==> flow/design.v <==
module u_scratch_top #(
  parameter int WORDS = 128,
  parameter int DWIDTH = 2,
  parameter int ADDR_W = $clog2(WORDS)
) (
  input logic aclk,
  input logic [ADDR_W-1:0] index,
  input logic wen,
  input logic [DWIDTH-1:0] wr_data,
  output logic [DWIDTH-1:0] q
);
  logic [DWIDTH-1:0] store [0:WORDS-1];
  always_ff @(posedge aclk)
    if (wen) store[index] <= wr_data;
  assign q = wen ? wr_data : store[index];
endmodule
From RTL to reports: u_scratch_top
Tool output for the design above, in the order of the flow.
Line numbers count from 1 in the design file above.
Operators carry their Yosys type and port widths (W data, S select, Z words).
Library cell names are shortened.
A cell with -- has no value.
Design
  top module: u_scratch_top
  clock input: aclk
  cell library: sky130hd
  timing corner: tt_025C_1v80

After elaboration
Source: Yosys, flattened and elaborated, memories not mapped. Widths are those after wreduce; folded enables and synchronous resets count as part of the registers. Registers that Yosys merges into a memory's read port (data or address) are not register bits. Print and check cells do not count. Equal cells are merged and count once.
Yosys's memory passes give these memory sizes; they may raise the number of words (mostly to a power of two), join words into wider ones and drop unused or constant bits.
Operators by class
  muxes and demuxes: 4
Operators with widths (count)
  $mux W7: 1
  $mux W2: 2
  $mux W1: 1
Bit counts
  bits in registers: 0
  memory bits (writable): 256
  memory cells: 1
  output and inout port bits: 2
  cells after elaboration: 5
Memory list
  store: depth 128, bits a word 2, read ports 1, write ports 1, RTL line 12  | logic [DWIDTH-1:0] store [0:WORDS-1];

Longest topological paths
Yosys ltp: most cells in a row. Word level: on the elaborated netlist, between registers, memories and ports. Mapped: between sequential cells and ports; inverters and the memories' decode and read muxes count.
Depth
  word-level depth: 1
  ABC_AREA: 0
  mapped depth: 10
  depth with buffers taken out: 6

Mapped cells and area
Source: synth_stat.txt of the flow (Yosys; design flattened, memories mapped). It holds for the ABC_AREA given above (unset counts as 0); a run with the other value may have another netlist.
Cell types
  edfxtp_1: count 256, total area 7.69E+03 µm²
  nor2_1: count 144, total area 540.518 µm²
  mux2i_1: count 49, total area 490.47 µm²
  mux4_2: count 20, total area 450.432 µm²
  nand2_1: count 45, total area 168.912 µm²
  mux2_2: count 12, total area 135.13 µm²
  buf_2: count 22, total area 110.106 µm²
  a221oi_1: count 12, total area 105.101 µm²
  nor2b_1: count 14, total area 87.584 µm²
  nand3_1: count 17, total area 85.082 µm²
  a22oi_1: count 11, total area 82.579 µm²
  a21oi_1: count 14, total area 70.067 µm²
  clkbuf_1: count 17, total area 63.811 µm²
  a211oi_1: count 7, total area 52.55 µm²
  buf_4: count 7, total area 52.55 µm²
  o21ai_0: count 8, total area 40.038 µm²
  and2_1: count 6, total area 37.536 µm²
  o22ai_1: count 5, total area 31.28 µm²
Other cell types: 38; their cells: 66.
Mapped netlist
  mapped cells: 732
  mapped area: 10815.4 µm²
  mapped flip-flops: 256

Worst setup path after synthesis
Source: OpenSTA report_checks on the synthesized netlist (no wires, ideal clock, input and output delay 20% of the period each), path of least setup slack; recovery checks are left aside. Register names are those of the netlist, which keeps one name where synthesis merged equal registers.
Timing path after synthesis
  path kind: input -> output
  start point: input port index[2]
  end point: output port q[0]
  clock period: 3.44 ns
  external input delay: 0.688 ns
  output delay: 0.688 ns
  time at the first pin: 0.688 ns
  arrival: 2.339 ns
  data required time: 2.752 ns
  slack: 0.413 ns
  delay of the path: 1.651 ns
  stages on the path: 9
  synthesis period reached: 3.027 ns
"delay of the path" is the arrival time less input delay plus setup time.
At an output port there is no setup time.
"stages on the path" counts driving pins, that of a launching flip-flop among them; a cell with two outputs on the path counts twice.
"synthesis period reached" = period - worst setup slack (recovery checks aside). The figure is calculated, with input and output delays left at 20% of the set period.
The rows between start and end are the longest chain of elaborated cells between them; the timing report does not say that the signal goes this way. Where chains are equally long, one stands for them.
A line is the first line of the expression or statement that the cell stems from. Yosys adds cells for indexed reads and writes and turns some case tables into memories.
The chain passes a memory read, where the word-level depth is cut; so it can be longer than that depth.
On the way, after synthesis
  cells stage by stage: buf_2 -> buf_2 -> buf_2 -> mux4_2 -> a22oi_1 -> nor2_1 -> nand4b_1 -> nor4_1 -> a32oi_1
  length of the longest elaborated chain: 2
  elaborated cells between the ends (all ways): 2
  source lines of those cells: 2
RTL lines, path after synthesis
  start: declaration: RTL line 7  | input logic [ADDR_W-1:0] index,
  $mem_v2 Z128 W2: RTL line 12  | logic [DWIDTH-1:0] store [0:WORDS-1];
  $mux W2: RTL line 15  | assign q = wen ? wr_data : store[index];
  end: declaration: RTL line 10  | output logic [DWIDTH-1:0] q

Worst path after layout
Path of least setup slack in the final report of run 1 (OpenROAD, finished layout, wires in). Where an end is a register, its clock arrival counts in the times.
Timing path post-layout
  path kind: input -> output
  start point: input port index[3]
  end point: output port q[1]
  clock period: 3.44 ns
  external input delay: 0.69 ns
  output delay: 0.69 ns
  time at the first pin: 0.69 ns
  arrival: 2.79 ns
  data required time: 2.75 ns
  slack: -0.03 ns
  stages on the path: 10
The rows between start and end are the longest chain of elaborated cells between them; the timing report does not say that the signal goes this way. Where chains are equally long, one stands for them.
The chain passes a memory read, where the word-level depth is cut; so it can be longer than that depth.
On the way, post-layout
  cells stage by stage: clkdlybuf4s50_1 -> buf_6 -> nor2b_4 -> buf_6 -> nand2_2 -> a211oi_4 -> buf_4 -> nor4_4 -> a32oi_2 -> buf_2
  length of the longest elaborated chain: 2
  elaborated cells between the ends (all ways): 2
  source lines of those cells: 2
RTL lines, path post-layout
  start: declaration: RTL line 7  | input logic [ADDR_W-1:0] index,
  $mem_v2 Z128 W2: RTL line 12  | logic [DWIDTH-1:0] store [0:WORDS-1];
  $mux W2: RTL line 15  | assign q = wen ? wr_data : store[index];
  end: declaration: RTL line 10  | output logic [DWIDTH-1:0] q

Measured results for u_scratch_top: 3 stored runs of the Yosys and OpenROAD flow on sky130hd. The settings differ; the order carries no meaning. The constraints put input and output delay at 20% of the set period each and load the outputs with 0.01 pF.
"achieved clock period" = clock period - worst setup slack. The figure is calculated, with input and output delays left at 20% of the set period.
"time used up by the worst setup path" means the part of the period allowed to the worst setup path (the constraints hold back 20% at inputs and 20% at outputs) less its slack; where the path has registers, the arrival times of their clocks count too.
"power" rests on the timing tool's default activity at the inputs, not on a simulated workload.

==> run 1: settings <==
{ "period_ns": 3.44, "CAP_MARGIN": 20, "CORE_MARGIN": 2, "CORE_UTILIZATION": 40, "SLEW_MARGIN": 20 }
==> run 1: results <==
Yosys chip area after synthesis: 10,815.4 µm²
die area: 28,370.3 µm²
standard-cell area after layout: 13,437.9 µm²
utilization after routing: 50.3 %
worst setup slack after layout: -0.035 ns
final setup TNS: -0.035 ns
worst hold slack in the final report: 0.769 ns
power: 6.705 mW
achieved clock period: 3.475 ns
time used up by the worst setup path: 2.10 ns
class of the worst setup path: input -> output

==> run 2: settings <==
{ "period_ns": 5.32, "CORE_UTILIZATION": 30, "SETUP_SLACK_MARGIN": 0.68, "PLACE_DENSITY_LB_ADDON": 0.28, "HOLD_SLACK_MARGIN": 0.05, "ABC_AREA": 1, "GPL_TIMING_DRIVEN": 1, "CAP_MARGIN": 35, "SLEW_MARGIN": 5, "MIN_ROUTING_LAYER": "met1", "MAX_ROUTING_LAYER": "met4", "CORE_MARGIN": 2 }
==> run 2: results <==
Yosys chip area after synthesis: 11,319.6 µm²
die area: 39,301.1 µm²
standard-cell area after layout: 13,053.8 µm²
utilization after routing: 34.9 %
worst setup slack after layout: 0.875 ns
final setup TNS: 0.000 ns
worst hold slack in the final report: 0.986 ns
power: 4.572 mW
achieved clock period: 4.445 ns
time used up by the worst setup path: 2.32 ns
class of the worst setup path: input -> output

==> run 3: settings <==
{ "period_ns": 4.94, "CORE_UTILIZATION": 15, "PLACE_DENSITY": 0.38, "CORE_ASPECT_RATIO": 0.89, "CORE_MARGIN": 4, "CELL_PAD_IN_SITES_GLOBAL_PLACEMENT": 3, "CELL_PAD_IN_SITES_DETAIL_PLACEMENT": 1, "GPL_TIMING_DRIVEN": 1, "GPL_ROUTABILITY_DRIVEN": 0, "CTS_CLUSTER_SIZE": 66, "CAP_MARGIN": 5, "SLEW_MARGIN": 40 }
==> run 3: results <==
Yosys chip area after synthesis: 10,815.4 µm²
die area: 76,470.1 µm²
standard-cell area after layout: 13,818.3 µm²
utilization after routing: 19.4 %
worst setup slack after layout: 0.115 ns
final setup TNS: 0.000 ns
worst hold slack in the final report: 1.165 ns
power: 5.236 mW
achieved clock period: 4.825 ns
time used up by the worst setup path: 2.85 ns
class of the worst setup path: input -> output
